==> flow/design.v <==
module cpu_sel_unit_top #(
  parameter BITS = 12,
  parameter LANES = 24,
  parameter LG = $clog2(LANES)
) (
  input  wire clk,
  input  wire srst,
  input  wire clk_en,
  input  wire [LANES*BITS-1:0] val,
  input  wire [LG-1:0] addr,
  output reg [BITS-1:0] res
);
  reg [BITS-1:0] cur;
  integer k;
  always @* begin
    cur = 0;
    for (k = 0; k < LANES; k = k + 1)
      if (addr == k) cur = val[k*BITS +: BITS];
  end
  always @(posedge clk) begin
    if (srst) begin
      res <= 0;
    end else if (clk_en) begin
      res <= cur;
    end
  end
endmodule
From RTL to reports: cpu_sel_unit_top --
What the tools print for cpu_sel_unit_top, step after step. Line numbers count from 1 in the design file above. Operators carry their Yosys type and port widths (W data, S select, Z words). Library cell names are shortened. The mark -- stands for no value.
Set-up: design top cpu_sel_unit_top, clock clk, standard-cell library sky130hd, corner tt_025C_1v80

Word level --
Yosys after proc, flatten, opt, wreduce and memory -nomap, before mapping. Enables and synchronous resets that opt folds into registers are not counted as muxes. Memory bits, and registers merged into a memory's read port (data or address), are not among the register bits. Print and check cells are not counted. Equal cells are merged and count once.
Cells by class: equal/unequal tests 23, mux-type cells 24, reduce/logical cells 1
Operators by type and width (count):
- $mux W12 | 24
- $eq A5 B4 Y1 const B | 8
- $eq A5 B5 Y1 const B | 8
- $eq A5 B3 Y1 const B | 4
- $eq A5 B2 Y1 const B | 2
- $eq A5 B1 Y1 const B | 1
- $logic_not A5 Y1 | 1
Bit counts: flip-flop bits (word level) 12, input bits 296, cells after elaboration 49

Logic depth --
Yosys ltp: most cells in a row. Word level: on the elaborated netlist, between registers, memories and ports. Mapped: between sequential cells and ports; inverters and the memories' decode and read muxes count.
Logic depth: depth after elaboration 25, ABC_AREA 0, mapped depth 10

Mapped cells and area --
The flow's flattened synthesis, as Yosys stat reports it; memories are mapped. The netlist is that of the ABC_AREA named above (0 if unset); the other value can give another one. The area totals of this step are shown rounded.
Mapped netlist: standard cells after synthesis 559, chip area (Yosys) 3890 um^2, area of sequential cells 240 um^2, flip-flops 12, buffers 63
Cells by type:
- mux2i_1 | count 34, total area 340.326 um^2
- a21oi_1 | count 65, total area 325.312 um^2
- mux4_2 | count 11, total area 247.738 um^2
- dfxtp_1 | count 12, total area 240.23 um^2
- o21ai_0 | count 38, total area 190.182 um^2
- buf_2 | count 35, total area 175.168 um^2
- nor2_1 | count 45, total area 168.912 um^2
- mux2_2 | count 12, total area 135.13 um^2
- o22ai_1 | count 18, total area 112.608 um^2
- nand2_1 | count 29, total area 108.854 um^2
- buf_4 | count 12, total area 90.086 um^2
- nor3_1 | count 18, total area 90.086 um^2
- a31oi_1 | count 14, total area 87.584 um^2
- nor2b_1 | count 14, total area 87.584 um^2
- nand3_1 | count 17, total area 85.082 um^2
- a211oi_1 | count 11, total area 82.579 um^2
- o221ai_1 | count 9, total area 78.826 um^2
- nand2b_1 | count 11, total area 68.816 um^2
Not listed: further types 55, cells in them 154.

Path before layout --
OpenSTA on the mapped netlist: ideal clock, no wires. The path of least setup slack (recovery checks aside). Input and output delay are each 20% of the period. Register names are those of the netlist, which keeps one name where synthesis merged equal registers.
Timing post-synthesis: kind in2reg, from input addr[4], to register res[4], clock period 2420 ps, launch time at the first pin 484 ps, arrival 1890 ps, setup slack 389 ps, path delay 1547 ps, stages 8, path buffers 2, synthesis period reached 2031 ps
"path delay" is the arrival time less input delay plus setup time. "stages" counts driving pins, that of a launching flip-flop among them; a cell with two outputs on the path counts twice. "synthesis period reached" = period - worst setup slack (recovery checks aside). The figure is calculated, with input and output delays left at 20% of the set period. The rows between start and end are the longest chain of elaborated cells between them; the timing report does not say that the signal goes this way. Where chains are equally long, one stands for them. A line is the first line of the expression or statement that the cell stems from. Yosys adds cells for indexed reads and writes and turns some case tables into memories.
Between the ends, post-synthesis: path through buf_2 -> or3b_1 -> buf_2 -> o32ai_1 -> a211oi_1 -> o31a_1 -> o21bai_1 -> a311oi_1, cells in the longest elaborated chain 25, elaborated cells on any way between the ends 48, RTL lines with such cells 1
Ends and longest elaborated chain, post-synthesis:
- from (decl) | RTL line 10 | input  wire [LG-1:0] addr,
- $logic_not A5 Y1 | RTL line 18 | if (addr == k) cur = val[k*BITS +: BITS];
- $mux W12 (24 in a row) | RTL line 18
- to (assign) | RTL line 22 | res <= 0;
- to (assign) | RTL line 24 | res <= cur;
- to (decl) | RTL line 11 | output reg [BITS-1:0] res

Timing after layout --
Path of least setup slack in the final report of record 1 (OpenROAD, finished layout, wires in). Where an end is a register, its clock arrival counts in the times. The report prints the path's times to 10 ps; the period is as set.
Timing after layout: kind in2reg, from input addr[3], to register res[4], clock period 2420 ps, launch time at the first pin 480 ps, arrival 2540 ps, setup slack 30 ps, stages 9, path buffers 3
The rows between start and end are the longest chain of elaborated cells between them; the timing report does not say that the signal goes this way. Where chains are equally long, one stands for them.
Between the ends, after layout: path through clkdlybuf4s50_1 -> buf_6 -> or3b_4 -> buf_4 -> nor3_1 -> a211o_1 -> o31a_1 -> o21bai_1 -> a311oi_1, cells in the longest elaborated chain 25, elaborated cells on any way between the ends 48, RTL lines with such cells 1
Ends and longest elaborated chain, after layout:
- from (decl) | RTL line 10 | input  wire [LG-1:0] addr,
- $logic_not A5 Y1 | RTL line 18 | if (addr == k) cur = val[k*BITS +: BITS];
- $mux W12 (24 in a row) | RTL line 18
- to (assign) | RTL line 22 | res <= 0;
- to (assign) | RTL line 24 | res <= cur;
- to (decl) | RTL line 11 | output reg [BITS-1:0] res

==> results <==
3 stored runs of cpu_sel_unit_top in the flow (synthesis by Yosys, layout by OpenROAD, sky130hd cells), in arbitrary order. Constraints: input delay and output delay 20% of the set period each, output load 0.01 pF.
By "clock period achieved" is meant the clock period of the run minus its worst setup slack. This is arithmetic on one report: input and output delays are still those of the set period (20% each).
"time of the worst setup path" is the time allowed to the run's worst setup path (the clock period less input and output delay, where it has them) less its slack. Clock arrival times count: a late capture clock shortens it, a late launch clock lengthens it.
"power consumption" is the tool's figure for a default switching activity; nothing was simulated.
"time of the worst setup path" is known to 10 ps.
Results are given in rounded form.

* Record 1 | settings: period_ns 2.42; CAP_MARGIN 20; CORE_MARGIN 2; CORE_UTILIZATION 40; SLEW_MARGIN 20 | results: time of the worst setup path 1900 ps; critical path type in2reg; chip area in the Yosys report 3890 um^2; clock period achieved 2385 ps; utilization of the finished layout 80.4%; setup slack of the worst path 35 ps; standard-cell area after layout 7710 um^2; summed negative setup slack 0 ps; lowest hold slack 482 ps; power consumption 1750 µW; die footprint 10500 um^2
* Record 2 | settings: period_ns 1.41; CORE_UTILIZATION 26; PLACE_DENSITY 0.94; CORE_ASPECT_RATIO 0.93; CORE_MARGIN 2; CELL_PAD_IN_SITES_GLOBAL_PLACEMENT 3; CELL_PAD_IN_SITES_DETAIL_PLACEMENT 0; GPL_TIMING_DRIVEN 0; GPL_ROUTABILITY_DRIVEN 0; CAP_MARGIN 20; SLEW_MARGIN 20 | unfinished; error GPL-0301 in placement
* Record 3 | settings: period_ns 3.63; CORE_UTILIZATION 45; SETUP_SLACK_MARGIN 0.05; PLACE_DENSITY_LB_ADDON 0.06; CORE_ASPECT_RATIO 1.02; TNS_END_PERCENT 70; ABC_AREA 0; GPL_TIMING_DRIVEN 1; SLEW_MARGIN 5; CAP_MARGIN 20; CORE_MARGIN 2 | results: setup slack of the worst path 425 ps; summed negative setup slack 0 ps; standard-cell area after layout 6940 um^2; clock period achieved 3205 ps; chip area in the Yosys report 3890 um^2; die footprint 9420 um^2; utilization of the finished layout 82.0%; time of the worst setup path 2480 ps; critical path type in2reg; lowest hold slack 499 ps; power consumption 1070 µW
